==> flow/design.v <==
module dp_mul_core_n #(
  parameter integer DATA_W = 20
) (
  input wire i_clk,
  input wire resetn,
  input wire [DATA_W-1:0] opa,
  output wire [2*DATA_W-1:0] p
);
  reg [DATA_W-1:0] opa_reg;
  always @(posedge i_clk or negedge resetn) begin
    if (~resetn) begin
      opa_reg <= 0;
    end else begin
      opa_reg <= opa;
    end
  end
  assign p = opa_reg * opa_reg;
endmodule
# From RTL to reports: dp_mul_core_n
# The steps from the RTL of dp_mul_core_n to its reports follow in flow order.
# Line numbers count from 1 in the design file above.
# Operators carry their Yosys type and port widths (W data, S select, Z words).
# Not given: --
# setup
top_module	dp_mul_core_n
clock	i_clk
library	sky130hd
lib_corner	tt_025C_1v80

# Elaborated design
# Source: Yosys, flattened and elaborated, memories not mapped. Widths are those after wreduce; folded enables and synchronous resets count as part of the registers. Registers that Yosys merges into a memory's read port (data or address) are not register bits. Print and check cells do not count. Equal cells are merged and count once.
# classes
multipliers	1
# op_table
operator	count
$mul A20 B20 Y40	1
# word_totals
ff_bits	20
out_inout_bits	40
elab_cells	2

# Logic depth
# Depth = most cells in a row (Yosys ltp): at word level without a register or memory, in the mapped netlist without a sequential cell, where the memories' decode and read muxes count.
# depth
depth_word	1
ABC_AREA	0
mapped_depth	27

# Mapped cells and area
# Source: synth_stat.txt of the flow (Yosys; design flattened, memories mapped). It holds for the ABC_AREA given above (unset counts as 0); a run with the other value may have another netlist.
# Totals and module areas in this step are rounded.
# types
cell_type	count	type_area_um2
sky130_fd_sc_hd__fa_1	279	5.59E+03
sky130_fd_sc_hd__ha_1	151	1.89E+03
sky130_fd_sc_hd__inv_1	350	1313.76
sky130_fd_sc_hd__dfrtp_1	20	500.48
sky130_fd_sc_hd__nand2_1	120	450.432
sky130_fd_sc_hd__and2_1	71	444.176
sky130_fd_sc_hd__xnor2_1	33	289.027
sky130_fd_sc_hd__a21o_1	28	210.202
sky130_fd_sc_hd__a21oi_1	38	190.182
sky130_fd_sc_hd__xor2_1	20	175.168
sky130_fd_sc_hd__clkbuf_1	36	135.13
sky130_fd_sc_hd__nor2_1	29	108.854
sky130_fd_sc_hd__o21ai_1	16	80.077
sky130_fd_sc_hd__o21ai_0	10	50.048
sky130_fd_sc_hd__a31oi_1	7	43.792
sky130_fd_sc_hd__nor2b_1	7	43.792
sky130_fd_sc_hd__or2_2	6	37.536
sky130_fd_sc_hd__and3_1	5	31.28
# Other cell types: 27; their cells: 51.
# mapped
sequential_area_mm2	0.0005005
cells	1277
mapped_area_mm2	0.01196
ffs	20
buffers	39

# Timing after synthesis
# Path of least setup slack by OpenSTA after synthesis, without wires, with an ideal clock, recovery checks aside; 20% of the period is set as input and as output delay. Where synthesis merged equal registers, the netlist keeps one of their names.
# synth_path
kind	flip-flop to output port
startpoint	register opa_reg[8]
endpoint	output port p[39]
arrival_ps	6802
n_path_buf	2
setup_slack_ps	1678
stages	23
path_delay_ps	6802
period_ps	10600
period_less_setup_slack_ps	8922
# "path_delay_ps" = arrival - input delay + setup time.
# A path that ends at an output port has no setup time.
# "stages": output pins that drive a net of the path, with the launching flip-flop's if there is one; two outputs of one cell count as two.
# "period_less_setup_slack_ps" is the clock period less the worst setup slack; recovery checks do not enter. This is arithmetic on one report: input and output delays are still those of the set period (20% each).
# The rows between start and end are the longest chain of elaborated cells between them; the timing report does not say that the signal goes this way. Where chains are equally long, one stands for them.
# A line is the first line of the expression or statement that the cell stems from. Yosys adds cells for indexed reads and writes and turns some case tables into memories.
# synth_between
path_cell_list	sky130_fd_sc_hd__dfrtp_1 > sky130_fd_sc_hd__clkbuf_1 > sky130_fd_sc_hd__clkbuf_1 > sky130_fd_sc_hd__nand2_1 > sky130_fd_sc_hd__fa_1 > sky130_fd_sc_hd__inv_1 > sky130_fd_sc_hd__fa_1 > sky130_fd_sc_hd__fa_1 > sky130_fd_sc_hd__fa_1 > sky130_fd_sc_hd__inv_1 > sky130_fd_sc_hd__fa_1 > sky130_fd_sc_hd__inv_1 > sky130_fd_sc_hd__fa_1 > sky130_fd_sc_hd__fa_1 > sky130_fd_sc_hd__ha_1 > sky130_fd_sc_hd__a21o_1 > sky130_fd_sc_hd__or3_1 > sky130_fd_sc_hd__nor3_2 > sky130_fd_sc_hd__o31ai_2 > sky130_fd_sc_hd__a221o_1 > sky130_fd_sc_hd__a31oi_2 > sky130_fd_sc_hd__o21ai_1 > sky130_fd_sc_hd__xnor2_1
elab_chain_cells	1
# synth_rtl
item	line_no	source
start: declaration	9	reg [DATA_W-1:0] opa_reg;
start: assignment	12	opa_reg <= 0;
start: assignment	14	opa_reg <= opa;
$mul A20 B20 Y40	17	assign p = opa_reg * opa_reg;
end: declaration	7	output wire [2*DATA_W-1:0] p

# Worst path after layout
# From the final timing report of run A: the path of least setup slack in the routed layout; clock arrival at registers is part of the times.
# The report prints the path's times to 10 ps; the period is as set.
# layout_path
kind	flip-flop to output port
startpoint	register opa_reg[9]
endpoint	output port p[36]
stages	25
setup_slack_ps	500
arrival_ps	7980
period_ps	10600
n_path_buf	2
# The rows between start and end are the longest chain of elaborated cells between them; the timing report does not say that the signal goes this way. Where chains are equally long, one stands for them.
# layout_between
path_cell_list	sky130_fd_sc_hd__dfrtp_1 > sky130_fd_sc_hd__and2_1 > sky130_fd_sc_hd__inv_1 > sky130_fd_sc_hd__fa_1 > sky130_fd_sc_hd__fa_1 > sky130_fd_sc_hd__fa_1 > sky130_fd_sc_hd__inv_1 > sky130_fd_sc_hd__fa_1 > sky130_fd_sc_hd__fa_1 > sky130_fd_sc_hd__fa_1 > sky130_fd_sc_hd__inv_1 > sky130_fd_sc_hd__fa_1 > sky130_fd_sc_hd__inv_1 > sky130_fd_sc_hd__ha_1 > sky130_fd_sc_hd__and3_1 > sky130_fd_sc_hd__and2_1 > sky130_fd_sc_hd__a2111oi_0 > sky130_fd_sc_hd__o21ai_1 > sky130_fd_sc_hd__nand2_1 > sky130_fd_sc_hd__o31ai_1 > sky130_fd_sc_hd__buf_4 > sky130_fd_sc_hd__a31o_1 > sky130_fd_sc_hd__a21oi_1 > sky130_fd_sc_hd__xnor2_1 > sky130_fd_sc_hd__clkdlybuf4s50_1
elab_chain_cells	1
# layout_rtl
item	line_no	source
start: declaration	9	reg [DATA_W-1:0] opa_reg;
start: assignment	12	opa_reg <= 0;
start: assignment	14	opa_reg <= opa;
$mul A20 B20 Y40	17	assign p = opa_reg * opa_reg;
end: declaration	7	output wire [2*DATA_W-1:0] p

# Record of 3 stored runs of the RTL-to-layout flow on dp_mul_core_n, platform sky130hd. The runs are unordered. Constraints: input delay and output delay 20% of the set period each, output load 0.01 pF.
# "period_less_ws_ps" is the run's clock period less its worst setup slack. It is reckoned from that one timing run; input and output delays stay at 20% of the period that was set.
# By "timing.worst_path_ps" is meant the share of the clock period that the worst setup path is allowed (20% is reserved at inputs, 20% at outputs), minus its slack. Clock arrival times at its registers enter into it.
# "timing.worst_path_ps" is known to 10 ps.
# The results are shown rounded.
# A setting shown as -- is not set for that run.
# Results: -- = not shown.
stored run	period_ns	CAP_MARGIN	CORE_MARGIN	CORE_UTILIZATION	SLEW_MARGIN	SETUP_SLACK_MARGIN	PLACE_DENSITY_LB_ADDON	HOLD_SLACK_MARGIN	CELL_PAD_IN_SITES_DETAIL_PLACEMENT	ABC_AREA	GPL_TIMING_DRIVEN	CTS_CLUSTER_DIAMETER	MIN_ROUTING_LAYER	CORE_ASPECT_RATIO	CELL_PAD_IN_SITES_GLOBAL_PLACEMENT	GPL_ROUTABILITY_DRIVEN	CTS_CLUSTER_SIZE	timing.worst_path_ps	worst_setup_path_type	timing.setup.tns_ps	fin_ws_ps	total_die_area_mm2	finish.utilization_frac	layout_stdcell_area_mm2	synthesis_area_mm2	period_less_ws_ps
run A	10.6	20	2	40	20	--	--	--	--	--	--	--	--	--	--	--	--	7980	flip-flop to output port	0	505	0.03131	0.443	0.0131	0.01196	10095
run B	10.5	20	2	19	20	0.23	0.23	0.18	2	1	1	32	met1	--	--	--	--	7580	flip-flop to output port	0	822	0.07037	0.218	0.0147	0.01297	9678
run C	15.2	20	6	56	20	1.44	0.08	--	--	1	--	355	met2	0.67	3	1	72	--	--	--	--	--	--	--	--	--
# Run C: not finished: placement ended with error FLW-0024
